==> flow/design.v <==
module sum_block_stage #(
    parameter int DATA_WIDTH = 64
) (
    input logic i_clk,
    input logic rst_ni,
    input logic clk_en,
    input logic [DATA_WIDTH-1:0] A,
    input logic [DATA_WIDTH-1:0] B,
    input logic [DATA_WIDTH-1:0] C,
    output logic [DATA_WIDTH+1:0] s
);
    logic [DATA_WIDTH-1:0] A_q;
    logic [DATA_WIDTH-1:0] B_q;
    logic [DATA_WIDTH-1:0] C_q;
    always_ff @(posedge i_clk or negedge rst_ni) begin
        if (~rst_ni) begin
            A_q <= '0;
            B_q <= '0;
            C_q <= '0;
            s <= '0;
        end else if (clk_en) begin
            A_q <= A;
            B_q <= B;
            C_q <= C;
            s <= A_q + B_q + C_q;
        end
    end
endmodule
# From RTL to reports: sum_block_stage
# The steps from the RTL of sum_block_stage to its reports follow in flow order.
# Line numbers count from 1 in the design file above.
# Operators: Yosys type, input widths -> output width; for muxes data width and select width s.
# Cell names lack the library's common part.
# A cell with -- has no value.
[inputs] top="sum_block_stage" clock_port="i_clk" cell_library="sky130hd" lib_corner="tt_025C_1v80"

# Word level
# Counts by Yosys on the flattened word-level netlist (proc, flatten, opt, wreduce; memories kept). Register bits leave out memories and registers merged into their read ports (data or address); mux counts leave out enables and synchronous resets folded into registers. Print and check cells are left out. Cells with the same type and inputs are merged into one.
[bits] output_inout_bits=66 register_bits=258
[op_classes] n_addsub=2
[op_table] cell="$add 65x64->66" count=1
[op_table] cell="$add 64x64->65" count=1

# Longest topological paths
# Longest topological path by Yosys (ltp), each cell counted once; first at word level (registers and memories cut), then after technology mapping (sequential cells cut; the memories' decode and read muxes count).
[logic_depth] depth_word=2 ABC_AREA=0 ltp_mapped=14 depth_no_buf=14

# Synthesis result
# Source: synth_stat.txt of the flow (Yosys; design flattened, memories mapped). It holds for the ABC_AREA given above (unset counts as 0); a run with the other value may have another netlist.
[synth_totals] mapped_cells=1223 synth_area_um2=14640.3 ff_cells=258
[by_type] cell_type="dfrtp_1" count=258 area_total_um2=6.46E+03
[by_type] cell_type="mux2_2" count=234 area_total_um2=2.64E+03
[by_type] cell_type="fa_1" count=65 area_total_um2=1.3E+03
[by_type] cell_type="ha_1" count=63 area_total_um2=788.256
[by_type] cell_type="a21oi_1" count=85 area_total_um2=425.408
[by_type] cell_type="nand2_1" count=81 area_total_um2=304.042
[by_type] cell_type="xnor2_1" count=30 area_total_um2=262.752
[by_type] cell_type="o21ai_0" count=44 area_total_um2=220.211
[by_type] cell_type="a21o_1" count=26 area_total_um2=195.187
[by_type] cell_type="nor2_1" count=51 area_total_um2=191.434
[by_type] cell_type="clkbuf_1" count=45 area_total_um2=168.912
[by_type] cell_type="xor2_1" count=19 area_total_um2=166.41
[by_type] cell_type="nand4_1" count=20 area_total_um2=125.12
[by_type] cell_type="o21bai_1" count=12 area_total_um2=90.086
[by_type] cell_type="o21a_1" count=11 area_total_um2=82.579
[by_type] cell_type="nand3_1" count=16 area_total_um2=80.077
[by_type] cell_type="nor3_1" count=15 area_total_um2=75.072
[by_type] cell_type="inv_1" count=17 area_total_um2=63.811
# Not listed: further types 50, cells in them 131.

# Worst setup path after synthesis
# OpenSTA on the mapped netlist: ideal clock, no wires. The path of least setup slack (recovery checks aside). Input and output delay are each 20% of the period. Register names are those of the netlist, which keeps one name where synthesis merged equal registers.
[synth_timing] kind="register to register" from="reg A_q[41]" to="reg s[63]" clock_period_ns=4.19 driving_pins=13 setup_slack_ns=0.841 delay_ns=3.349 arrival_time_ns=3.223 period_less_setup_slack_ns=3.349
# "delay_ns" is the arrival time less input delay plus setup time.
# "driving_pins": output pins that drive a net of the path, with the launching flip-flop's if there is one; two outputs of one cell count as two.
# "period_less_setup_slack_ns" = period - worst setup slack (recovery checks aside). The figure is calculated, with input and output delays left at 20% of the set period.
# Between the ends stands the longest chain of elaborated cells between them, by number of cells; it is not shown to be the way that was timed. Of several equally long chains one is given.
# A line is the first line of the expression or statement that the cell stems from. Yosys adds cells for indexed reads and writes and turns some case tables into memories.
[synth_via] cell_sequence="dfrtp_1 fa_1 ha_1 buf_2 nand4_2 nor3_2 inv_1 or4_4 a21o_1 a31oi_4 o211ai_2 mux2_1 a221o_1" elab_chain_len=2 cells_between=2 lines_between=1
[synth_rtl] item="start, declared" line_no=12 source="logic [DATA_WIDTH-1:0] A_q;"
[synth_rtl] item="start, assigned" line_no=17 source="A_q <= '0;"
[synth_rtl] item="start, assigned" line_no=22 source="A_q <= A;"
[synth_rtl] item="$add 64x64->65" line_no=25 source="s <= A_q + B_q + C_q;"
[synth_rtl] item="$add 65x64->66" line_no=25
[synth_rtl] item="end, assigned" line_no=20 source="s <= '0;"
[synth_rtl] item="end, assigned" line_no=25
[synth_rtl] item="end, declared" line_no=10 source="output logic [DATA_WIDTH+1:0] s"

# Timing after layout
# From the final timing report of run 1: the path of least setup slack in the routed layout; clock arrival at registers is part of the times.
[layout_timing] kind="register to register" from="reg A_q[1]" to="reg s[57]" setup_slack_ns=0.25 clock_period_ns=4.19 arrival_time_ns=4.38 driving_pins=15
# Between the ends stands the longest chain of elaborated cells between them, by number of cells; it is not shown to be the way that was timed. Of several equally long chains one is given.
[layout_via] cell_sequence="dfrtp_1 fa_1 ha_1 fa_1 a21oi_1 nor3b_1 o2111ai_1 a21oi_1 nor2_1 buf_4 o21ai_1 a211oi_1 buf_4 xnor2_1 mux2_2" elab_chain_len=2 cells_between=2 lines_between=1
[layout_rtl] item="start, declared" line_no=12 source="logic [DATA_WIDTH-1:0] A_q;"
[layout_rtl] item="start, assigned" line_no=17 source="A_q <= '0;"
[layout_rtl] item="start, assigned" line_no=22 source="A_q <= A;"
[layout_rtl] item="$add 64x64->65" line_no=25 source="s <= A_q + B_q + C_q;"
[layout_rtl] item="$add 65x64->66" line_no=25
[layout_rtl] item="end, assigned" line_no=20 source="s <= '0;"
[layout_rtl] item="end, assigned" line_no=25
[layout_rtl] item="end, declared" line_no=10 source="output logic [DATA_WIDTH+1:0] s"

## Implementation results

Flow measurements of sum_block_stage on sky130hd: 3 stored runs with different settings, listed in no order. Input and output delays are each 20% of the period that was set; the output load is 0.01 pF.
"achieved clock period": clock period set for the run, less the worst setup slack. It is reckoned from that one timing run; input and output delays stay at 20% of the period that was set.
"worst setup path time": the worst setup path's part of the clock period (all of it between registers, 20% less for each end at a port) less its slack. A launch clock that arrives late makes it longer, a capture clock that arrives late makes it shorter.
"power": no workload was simulated; the value follows from the tool's default switching activity.
[run 1] settings: period_ns=4.19, CAP_MARGIN=20, CORE_MARGIN=2, CORE_UTILIZATION=40, SLEW_MARGIN=20
[run 1] result: chip area after synthesis (Yosys) 14640.3 µm², die area 38147.9 µm², standard-cell area of the final layout 18707.9 µm², utilization 51.5%, worst setup slack after layout 0.252 ns, total negative slack 0.000 ns, power 10815 uW, achieved clock period 3.938 ns, worst setup path time 3.94 ns, worst setup path kind register to register
[run 2] settings: period_ns=5.22, CORE_UTILIZATION=22, SETUP_SLACK_MARGIN=0.18, PLACE_DENSITY_LB_ADDON=0.26, CELL_PAD_IN_SITES_GLOBAL_PLACEMENT=3, CELL_PAD_IN_SITES_DETAIL_PLACEMENT=2, TNS_END_PERCENT=55, CTS_CLUSTER_SIZE=70, CAP_MARGIN=30, SLEW_MARGIN=40, CORE_MARGIN=2
[run 2] result: chip area after synthesis (Yosys) 14640.3 µm², die area 68625.7 µm², standard-cell area of the final layout 19403.6 µm², utilization 29.5%, worst setup slack after layout 0.964 ns, total negative slack 0.000 ns, power 9274 uW, achieved clock period 4.256 ns, worst setup path time 4.26 ns, worst setup path kind register to register
[run 3] settings: period_ns=5.74, CORE_UTILIZATION=29, PLACE_DENSITY=0.91, CELL_PAD_IN_SITES_DETAIL_PLACEMENT=1, GPL_TIMING_DRIVEN=1, GPL_ROUTABILITY_DRIVEN=0, CAP_MARGIN=40, CORE_MARGIN=2, SLEW_MARGIN=20
[run 3] result: chip area after synthesis (Yosys) 14640.3 µm², die area 52296.8 µm², standard-cell area of the final layout 19023.2 µm², utilization 38.1%, worst setup slack after layout 1.540 ns, total negative slack 0.000 ns, power 8386 uW, achieved clock period 4.200 ns, worst setup path time 4.20 ns, worst setup path kind register to register
